==> flow/design.v <==
module sync_mul_unit_mod (ck, RSTN, step, a, b, res);
    parameter DATA_WIDTH = 10;
    parameter NUM = 4;
    localparam RW = 2*DATA_WIDTH + $clog2(NUM);
    input ck;
    input RSTN;
    input step;
    input [NUM*DATA_WIDTH-1:0] a;
    input [NUM*DATA_WIDTH-1:0] b;
    output [RW-1:0] res;
    reg [RW-1:0] t;
    integer i;
    always @(*) begin
        t = 0;
        for (i = 0; i < NUM; i = i + 1)
            t = t + a[i*DATA_WIDTH +: DATA_WIDTH] * b[i*DATA_WIDTH +: DATA_WIDTH];
    end
    reg [RW-1:0] res_ff;
    always @(posedge ck or negedge RSTN) begin
        if (~RSTN) begin
            res_ff <= 0;
        end else if (step) begin
            res_ff <= t;
        end
    end
    assign res = res_ff;
endmodule
==> Tool chain data of sync_mul_unit_mod <==
The steps from the RTL of sync_mul_unit_mod to its reports follow in flow order.
Line numbers count from 1 in the design file above.
Library cell names are shortened.
{ "setup": {"top_module": "sync_mul_unit_mod", "clock_port": "ck", "cell_library": "sky130hd", "pvt_corner": "tt_025C_1v80"} }

==> Elaborated design <==
Counts by Yosys on the flattened word-level netlist (proc, flatten, opt, wreduce; memories kept). Register bits leave out memories and registers merged into their read ports (data or address); mux counts leave out enables and synchronous resets folded into registers. Print and check cells are left out. Cells with the same type and inputs are merged into one.
{ "word_totals": {"n_memories": 0, "clocked_rd_ports_x_width": 0, "ramBits": 0, "latchBits": 0, "regBits": 22, "rom_bits": 0} }
{ "op_classes": {"n_shift": 0, "div_mod_pow": 0, "n_logic": 0, "n_mux": 0, "n_cmp": 0, "n_eq": 0, "addsub": 3, "reduce_logical": 0, "n_mul": 4} }
{ "ops": {"columns": ["op", "n"], "rows": [
  ["multiplier 10 x 10 -> 20 bit", 4],
  ["adder 21 x 20 -> 22 bit", 1],
  ["adder 22 x 20 -> 22 bit", 1],
  ["adder 20 x 20 -> 21 bit", 1]
]} }

==> Longest topological paths <==
Depth = most cells in a row (Yosys ltp): at word level without a register or memory, in the mapped netlist without a sequential cell, where the memories' decode and read muxes count.
{ "depth": {"word_depth": 4, "abc_area": 1, "mapped_depth": 29} }

==> Netlist <==
Source: synth_stat.txt of the flow (Yosys; design flattened, memories mapped). It holds for the ABC_AREA given above (unset counts as 0); a run with the other value may have another netlist.
The area totals of this step are shown rounded.
{ "synth_totals": {"ffs": 22, "cells": 1958, "buf_cells": 84, "yosys_area_um2": 15300} }
{ "types": {"columns": ["type", "n"], "rows": [
  ["fa_1", 359],
  ["inv_1", 702],
  ["ha_1", 165],
  ["nand2_1", 527],
  ["dfrtp_1", 22],
  ["clkbuf_1", 83],
  ["nand3_1", 21],
  ["xnor2_1", 9],
  ["nor2_1", 19],
  ["a21oi_1", 12],
  ["nand3_2", 4],
  ["nand3b_1", 5],
  ["o21ai_0", 7],
  ["o21ai_1", 4],
  ["nand2_2", 3],
  ["xor2_1", 2],
  ["o21bai_1", 2],
  ["and2_1", 2]
]} }
Other cell types: 8; their cells: 10.

==> Path before layout <==
OpenSTA on the mapped netlist: ideal clock, no wires. The path of least setup slack (recovery checks aside). Input and output delay are each 20% of the period. Register names are those of the netlist, which keeps one name where synthesis merged equal registers.
{ "synth_timing": {"path_type": "input to register", "from": "in a[37]", "to": "reg res_ff[18]", "t_required_ns": 9.223, "input_delay_ns": 1.868, "setup_ns": 0.117, "arrival_ns": 7.471, "setup_slack_ns": 1.752, "period_ns": 9.34, "delay_ns": 5.720, "stages": 26, "synth_period_reached_ns": 7.588} }
"delay_ns" = arrival - input delay + setup time.
"stages": output pins that drive a net of the path, with the launching flip-flop's if there is one; two outputs of one cell count as two.
"synth_period_reached_ns" = period - worst setup slack (recovery checks aside). The figure is calculated, with input and output delays left at 20% of the set period.
Between the ends stands the longest chain of elaborated cells between them, by number of cells; it is not shown to be the way that was timed. Of several equally long chains one is given.
Each line given opens the expression or statement behind the cell; cells for indexed reads and writes are added by Yosys, which also makes memories of some case tables.
{ "synth_via": {"path_cell_list": "clkbuf_1 -> nand2_1 -> fa_1 -> inv_1 -> fa_1 -> inv_1 -> fa_1 -> inv_1 -> fa_1 -> inv_1 -> fa_1 -> inv_1 -> fa_1 -> inv_1 -> fa_1 -> inv_1 -> fa_1 -> ha_1 -> a21oi_1 -> nor2_1 -> nor2_1 -> nand2_1 -> nand2_1 -> nand3b_1 -> nand3_1 -> nand2_1", "elab_chain_cells": 2, "cone_cells": 2, "cone_lines": 1} }
{ "synth_lines": {"columns": ["item", "line_no", "text"], "rows": [
  ["from (decl)", 8, "input [NUM*DATA_WIDTH-1:0] a;"],
  ["multiplier 10 x 10 -> 20 bit", 16, "t = t + a[i*DATA_WIDTH +: DATA_WIDTH] * b[i*DATA_WIDTH +: DATA_WIDTH];"],
  ["adder 22 x 20 -> 22 bit", 16, null],
  ["to (assign)", 21, "res_ff <= 0;"],
  ["to (assign)", 23, "res_ff <= t;"],
  ["to (decl)", 18, "reg [RW-1:0] res_ff;"]
]} }

==> Worst path after layout <==
From the final timing report of run A: the path of least setup slack in the routed layout; clock arrival at registers is part of the times.
{ "layout_timing": {"path_type": "input to register", "from": "in b[30]", "to": "reg res_ff[12]", "period_ns": 13.4, "stages": 24, "setup_slack_ns": 4.25, "input_delay_ns": 2.68, "arrival_ns": 9.26, "setup_ns": 0.15, "t_required_ns": 13.51} }
Between the ends stands the longest chain of elaborated cells between them, by number of cells; it is not shown to be the way that was timed. Of several equally long chains one is given.
{ "layout_via": {"path_cell_list": "clkdlybuf4s50_1 -> nand2_1 -> fa_1 -> inv_1 -> fa_1 -> inv_1 -> fa_1 -> inv_1 -> fa_1 -> inv_1 -> fa_1 -> inv_1 -> fa_1 -> inv_1 -> fa_1 -> inv_1 -> fa_1 -> ha_1 -> a21oi_1 -> nand2_1 -> nand2_1 -> nand3_2 -> xnor2_1 -> o21ai_1", "elab_chain_cells": 2, "cone_cells": 2, "cone_lines": 1} }
{ "layout_lines": {"columns": ["item", "line_no", "text"], "rows": [
  ["from (decl)", 9, "input [NUM*DATA_WIDTH-1:0] b;"],
  ["multiplier 10 x 10 -> 20 bit", 16, "t = t + a[i*DATA_WIDTH +: DATA_WIDTH] * b[i*DATA_WIDTH +: DATA_WIDTH];"],
  ["adder 22 x 20 -> 22 bit", 16, null],
  ["to (assign)", 21, "res_ff <= 0;"],
  ["to (assign)", 23, "res_ff <= t;"],
  ["to (decl)", 18, "reg [RW-1:0] res_ff;"]
]} }

Data sheet: physical implementation of sync_mul_unit_mod

3 stored runs of sync_mul_unit_mod in the flow (synthesis by Yosys, layout by OpenROAD, sky130hd cells), in arbitrary order. Constraints: input delay and output delay 20% of the set period each, output load 0.01 pF.
By "period_reached_ns" is meant the clock period of the run minus its worst setup slack. This is arithmetic on one report: input and output delays are still those of the set period (20% each).
"timing.worst_path_ns" is the time allowed to the run's worst setup path (the clock period less input and output delay, where it has them) less its slack. Clock arrival times count: a late capture clock shortens it, a late launch clock lengthens it.
Results are given in rounded form.
[
  {
    "run": "run A",
    "settings": { "period_ns": 13.4, "CORE_UTILIZATION": 30, "PLACE_DENSITY_LB_ADDON": 0.21, "CORE_ASPECT_RATIO": 1.42, "CELL_PAD_IN_SITES_GLOBAL_PLACEMENT": 2, "ABC_AREA": 1, "GPL_TIMING_DRIVEN": 1, "CTS_CLUSTER_SIZE": 84, "CTS_CLUSTER_DIAMETER": 193, "MAX_ROUTING_LAYER": "met4", "CAP_MARGIN": 20, "CORE_MARGIN": 2, "SLEW_MARGIN": 20 },
    "results": { "final_util_frac": 0.336, "period_reached_ns": 9.152, "worstSetupSlack_ns": 4.25, "design_die_area_um2": 52800, "post_synth_area_um2": 15300, "stdcell_area_um2": 16900, "total_negative_slack_ns": 0.000, "timing.worst_path_ns": 6.47, "critical_path_kind": "input to register" }
  },
  {
    "run": "run B",
    "settings": { "period_ns": 9.34, "CAP_MARGIN": 20, "CORE_MARGIN": 2, "CORE_UTILIZATION": 40, "SLEW_MARGIN": 20 },
    "results": { "final_util_frac": 0.447, "period_reached_ns": 8.673, "worstSetupSlack_ns": 0.667, "design_die_area_um2": 38400, "post_synth_area_um2": 14700, "stdcell_area_um2": 16300, "total_negative_slack_ns": 0.000, "timing.worst_path_ns": 6.81, "critical_path_kind": "input to register" }
  },
  {
    "run": "run C",
    "settings": { "period_ns": 4.94, "CORE_UTILIZATION": 61, "SETUP_SLACK_MARGIN": -0.3, "PLACE_DENSITY_LB_ADDON": 0.23, "CORE_MARGIN": 3, "GPL_TIMING_DRIVEN": 0, "SLEW_MARGIN": 25, "MAX_ROUTING_LAYER": "met5", "CAP_MARGIN": 20 },
    "results": { "final_util_frac": 0.724, "period_reached_ns": 6.756, "worstSetupSlack_ns": -1.82, "design_die_area_um2": 26000, "post_synth_area_um2": 14700, "stdcell_area_um2": 17100, "total_negative_slack_ns": -27.6, "timing.worst_path_ns": 5.77, "critical_path_kind": "input to register" }
  }
]
